==> flow/design.v <==
module my_switch_n #(
    parameter WD = 20,
    parameter N = 5,
    parameter SEL_W = $clog2(N)
) (
    input  ck,
    input  srst,
    input  [N*WD-1:0] val,
    input  [SEL_W-1:0] idx,
    output [WD-1:0] dout
);
    reg [N*WD-1:0] val_r;
    reg [SEL_W-1:0] idx_r;
    wire [WD-1:0] vec [0:N-1];
    genvar k;
    generate
        for (k = 0; k < N; k = k + 1) begin : u_g
            assign vec[k] = val_r[k*WD +: WD];
        end
    endgenerate
    assign dout = vec[idx_r];
    always @(posedge ck or posedge srst) begin
        if (srst) begin
            val_r <= 0;
            idx_r <= 0;
        end else begin
            val_r <= val;
            idx_r <= idx;
        end
    end
endmodule
==> reports on my_switch_n <==
== Tool chain data of my_switch_n ==
Tool output for the members of one design family, told apart by "N", in the order of the flow.
The RTL above is that of N = 5; lines are counted from 1 in the file of the member named.
Operators carry their Yosys type and port widths (W data, S select, Z words).
Library cell names are shortened.
A cell with n/a has no value.

* Top: my_switch_n
* Clock port: ck
* Cell library: sky130hd
* Library corner: tt_025C_1v80

== Source of the members ==
Lines of each other member's file that are new or changed against the file above; lines that a member lacks are not shown.

{| class="wikitable"
|+ New or changed lines
! N !! line !! text
|-
| 6 || 3 || <nowiki>parameter N = 6,</nowiki>
|-
| 7 || 3 || <nowiki>parameter N = 7,</nowiki>
|-
| 10 || 3 || <nowiki>parameter N = 10,</nowiki>
|-
| 24 || 3 || <nowiki>parameter N = 24,</nowiki>
|}

== After elaboration ==
Counts by Yosys on the flattened word-level netlist (proc, flatten, opt, wreduce). Print and check cells are left out. Cells with the same type and inputs are merged into one.

{| class="wikitable"
|+ Cells by class
! N !! reductions and logical operators !! muxes and demuxes !! equality and inequality tests
|-
| 5 || 1 || 1 || 4
|-
| 6 || 1 || 1 || 5
|-
| 7 || 1 || 1 || 6
|-
| 10 || 1 || 1 || 9
|-
| 24 || 1 || 1 || 23
|}

{| class="wikitable"
|+ Operators by type and width
! N !! kind and count
|-
| 5 || 1 x $pmux W20 S5; 2 x $eq A3 B2 Y1 const B; 1 x $eq A3 B1 Y1 const B; 1 x $eq A3 B3 Y1 const B; 1 x $logic_not A3 Y1
|-
| 6 || 1 x $pmux W20 S6; 2 x $eq A3 B2 Y1 const B; 2 x $eq A3 B3 Y1 const B; 1 x $eq A3 B1 Y1 const B; 1 x $logic_not A3 Y1
|-
| 7 || 1 x $pmux W20 S7; 3 x $eq A3 B3 Y1 const B; 2 x $eq A3 B2 Y1 const B; 1 x $eq A3 B1 Y1 const B; 1 x $logic_not A3 Y1
|-
| 10 || 1 x $pmux W20 S10; 4 x $eq A4 B3 Y1 const B; 2 x $eq A4 B2 Y1 const B; 2 x $eq A4 B4 Y1 const B; 1 x $eq A4 B1 Y1 const B; 1 x $logic_not A4 Y1
|-
| 24 || 1 x $pmux W20 S24; 8 x $eq A5 B4 Y1 const B; 8 x $eq A5 B5 Y1 const B; 4 x $eq A5 B3 Y1 const B; 2 x $eq A5 B2 Y1 const B; 1 x $eq A5 B1 Y1 const B; 1 x $logic_not A5 Y1
|}

{| class="wikitable"
|+ Bit counts
! N !! input bits !! register bits after elaboration !! output and inout port bits !! cells after elaboration
|-
| 5 || 105 || 103 || 20 || 8
|-
| 6 || 125 || 123 || 20 || 9
|-
| 7 || 145 || 143 || 20 || 10
|-
| 10 || 206 || 204 || 20 || 13
|-
| 24 || 487 || 485 || 20 || 27
|}

== Logic depth ==
Yosys ltp: most cells in a row. Word level: on the elaborated netlist, between registers, memories and ports. Mapped: between sequential cells and ports; inverters and the memories' decode and read muxes count.

{| class="wikitable"
|+ Depth
! N !! word-level depth !! ABC_AREA !! mapped depth !! mapped depth without buffers
|-
| 5 || 2 || 0 || 5 || 3
|-
| 6 || 2 || 0 || 7 || 4
|-
| 7 || 2 || 0 || 5 || 3
|-
| 10 || 2 || 0 || 8 || 5
|-
| 24 || 2 || 0 || 9 || 5
|}

== After synthesis ==
Source: synth_stat.txt of the flow (Yosys; design flattened, memories mapped). It holds for the ABC_AREA given above (unset counts as 0); a run with the other value may have another netlist.
Totals and module areas in this step are rounded.

{| class="wikitable"
|+ Cells by type
! N !! types with counts
|-
| 5 || 103 x dfrtp_1; 40 x nand3b_1; 20 x a221o_1; 20 x o22a_1; 20 x nand2b_1; 20 x a21oi_1; 5 x buf_6; 8 x buf_2; 9 x clkbuf_1; 1 x o21a_4; 1 x and2_4; 2 x nor2_1; 1 x nor3_1; 1 x inv_1
|-
| 6 || 123 x dfrtp_1; 13 x a222oi_1; 16 x nand2b_1; 13 x a21o_1; 13 x a22oi_1; 13 x o21a_1; 13 x o21ai_1; 5 x mux2i_1; 9 x buf_2; 4 x buf_6; 6 x nor2b_1; 7 x a21oi_1; 3 x mux2_2; 3 x a211o_1; 3 x a22o_1; 3 x o32ai_1; 5 x nor3_1; 6 x clkbuf_1; (+38)
|-
| 7 || 143 x dfrtp_1; 40 x mux2i_1; 19 x mux2_4; 21 x mux2_1; 20 x a221o_1; 20 x o22ai_1; 3 x buf_6; 5 x buf_2; 6 x clkbuf_1; 2 x nand2b_1; 2 x buf_1; 1 x buf_4; 1 x and2_1; 1 x inv_1; 1 x nor2_1
|-
| 10 || 204 x dfrtp_1; 41 x a21oi_1; 26 x o21ai_0; 10 x mux2_2; 30 x nor2_1; 14 x a22oi_1; 19 x buf_2; 14 x o22ai_1; 9 x a22o_1; 8 x a221oi_1; 7 x mux2i_1; 6 x mux2_1; 6 x o32a_1; 15 x nand2_1; 14 x clkbuf_1; 5 x a32oi_1; 5 x o221ai_1; 4 x o211a_1; (+67)
|-
| 24 || 485 x dfrtp_1; 60 x mux2i_1; 49 x a22oi_1; 39 x a21oi_1; 16 x mux2_2; 36 x nand3_1; 18 x a32oi_1; 31 x buf_2; 20 x buf_4; 17 x a22o_1; 32 x nor2_1; 24 x nor3_1; 12 x o32a_1; 31 x nand2_1; 21 x o21ai_0; 16 x nand4_1; 9 x a32o_1; 10 x a221oi_1; (+198)
|}

The mark (+n) counts cells that are not listed.

{| class="wikitable"
|+ Synthesis totals
! N !! buffer cells !! synthesis area (um^2) !! mapped cells !! flip-flops !! area of sequential cells (um^2)
|-
| 5 || 22 || 3650 || 251 || 103 || 2580
|-
| 6 || 21 || 4260 || 296 || 123 || 3080
|-
| 7 || 17 || 4950 || 285 || 143 || 3580
|-
| 10 || 36 || 7000 || 504 || 204 || 5100
|-
| 24 || 72 || 16600 || 1124 || 485 || 12100
|}

== Worst setup path after synthesis ==
Source: OpenSTA report_checks on the synthesized netlist (no wires, ideal clock, input and output delay 20% of the period each), path of least setup slack; recovery checks are left aside. Register names are those of the netlist, which keeps one name where synthesis merged equal registers.

{| class="wikitable"
|+ Path post-synthesis
! N !! path type !! start !! end !! stages !! clock period (ns) !! delay of the path (ns) !! path slack (ns) !! synthesis period reached (ns)
|-
| 5 || reg2out || register idx_r[0] || output dout[11] || 6 || 2.02 || 1.290 || 0.326 || 1.694
|-
| 6 || reg2out || register idx_r[2] || output dout[4] || 6 || 2.03 || 1.301 || 0.323 || 1.707
|-
| 7 || reg2out || register idx_r[1] || output dout[10] || 5 || 2.03 || 1.299 || 0.325 || 1.705
|-
| 10 || reg2out || register idx_r[2] || output dout[12] || 7 || 2.49 || 1.595 || 0.397 || 2.093
|-
| 24 || reg2out || register idx_r[1] || output dout[8] || 7 || 2.73 || 1.750 || 0.434 || 2.296
|}

"delay of the path" = arrival - input delay + setup time.
At an output port there is no setup time.
"stages": output pins that drive a net of the path, with the launching flip-flop's if there is one; two outputs of one cell count as two.
"synthesis period reached" = period - worst setup slack (recovery checks aside). The figure is calculated, with input and output delays left at 20% of the set period.
The rows between start and end are the longest chain of elaborated cells between them; the timing report does not say that the signal goes this way. Where chains are equally long, one stands for them.
Each line given opens the expression or statement behind the cell; cells for indexed reads and writes are added by Yosys, which also makes memories of some case tables.

Between the ends, post-synthesis, N = 5:
* Length of the longest elaborated chain: 2

{| class="wikitable"
|+ Ends and longest elaborated chain, post-synthesis, N = 5
! element !! line !! text
|-
| start: declaration || 13 || <nowiki>reg [SEL_W-1:0] idx_r;</nowiki>
|-
| start: assignment || 25 || <nowiki>idx_r <= 0;</nowiki>
|-
| start: assignment || 28 || <nowiki>idx_r <= idx;</nowiki>
|-
| $eq A3 B3 Y1 || 21 || <nowiki>assign dout = vec[idx_r];</nowiki>
|-
| $pmux W20 S5 || 21 ||
|-
| end: declaration || 10 || <nowiki>output [WD-1:0] dout</nowiki>
|}

Between the ends, post-synthesis, N = 24:
* Length of the longest elaborated chain: 2

{| class="wikitable"
|+ Ends and longest elaborated chain, post-synthesis, N = 24
! element !! line !! text
|-
| start: declaration || 13 || <nowiki>reg [SEL_W-1:0] idx_r;</nowiki>
|-
| start: assignment || 25 || <nowiki>idx_r <= 0;</nowiki>
|-
| start: assignment || 28 || <nowiki>idx_r <= idx;</nowiki>
|-
| $eq A5 B5 Y1 || 21 || <nowiki>assign dout = vec[idx_r];</nowiki>
|-
| $pmux W20 S24 || 21 ||
|-
| end: declaration || 10 || <nowiki>output [WD-1:0] dout</nowiki>
|}

== Path in the finished layout ==
From the final timing report of each member's run: the path of least setup slack in the routed layout; clock arrival at registers is part of the times.

{| class="wikitable"
|+ Path post-layout
! N !! path type !! start !! end !! arrival time (ns) !! path slack (ns) !! buffers on the path !! clock period (ns) !! stages
|-
| 5 || reg2out || register idx_r[0] || output dout[8] || 1.82 || -0.20 || 2 || 2.02 || 6
|-
| 6 || reg2out || register idx_r[2] || output dout[2] || 2.06 || -0.43 || 3 || 2.03 || 8
|-
| 7 || reg2out || register idx_r[1] || output dout[11] || 2.04 || -0.41 || 3 || 2.03 || 6
|-
| 10 || reg2out || register idx_r[2] || output dout[16] || 2.34 || -0.35 || 4 || 2.49 || 9
|-
| 24 || reg2out || register idx_r[2] || output dout[8] || 2.84 || -0.66 || 5 || 2.73 || 10
|}

== Flow runs ==
Settings and results of one run of the flow (Yosys, OpenROAD) for each member follow. The constraints put input and output delay at 20% of the set period each and load the outputs with 0.01 pF.

* CAP_MARGIN: 20
* CORE_MARGIN: 2
* CORE_UTILIZATION: 40
* SLEW_MARGIN: 20

{| class="wikitable"
|+ Settings by member
! N !! period_ns
|-
| 5 || 2.02
|-
| 6 || 2.03
|-
| 7 || 2.03
|-
| 10 || 2.49
|-
| 24 || 2.73
|}

{| class="wikitable"
|+ Measured results
! N !! lowest setup slack (ns) !! die footprint (um^2) !! sum of negative setup slack (ns) !! post-layout utilization (%) !! clock period achieved (ns) !! power (uW) !! Yosys chip area after synthesis (um^2)
|-
| 5 || -0.203 || 9900 || -3.58 || 61.1 || 2.223 || 4000 || 3650
|-
| 6 || -0.434 || 11500 || -6.90 || 66.5 || 2.464 || 6490 || 4260
|-
| 7 || -0.412 || 13300 || -7.48 || 64.4 || 2.442 || 6740 || 4950
|-
| 10 || -0.346 || 18600 || -4.46 || 66.3 || 2.836 || 8000 || 7000
|-
| 24 || -0.659 || 43200 || -11.1 || 67.5 || 3.389 || 16800 || 16600
|}

By "clock period achieved" is meant the clock period of the run minus its worst setup slack. This is arithmetic on one report: input and output delays are still those of the set period (20% each).
"power" is the tool's figure for a default switching activity; nothing was simulated.
The results are shown rounded.
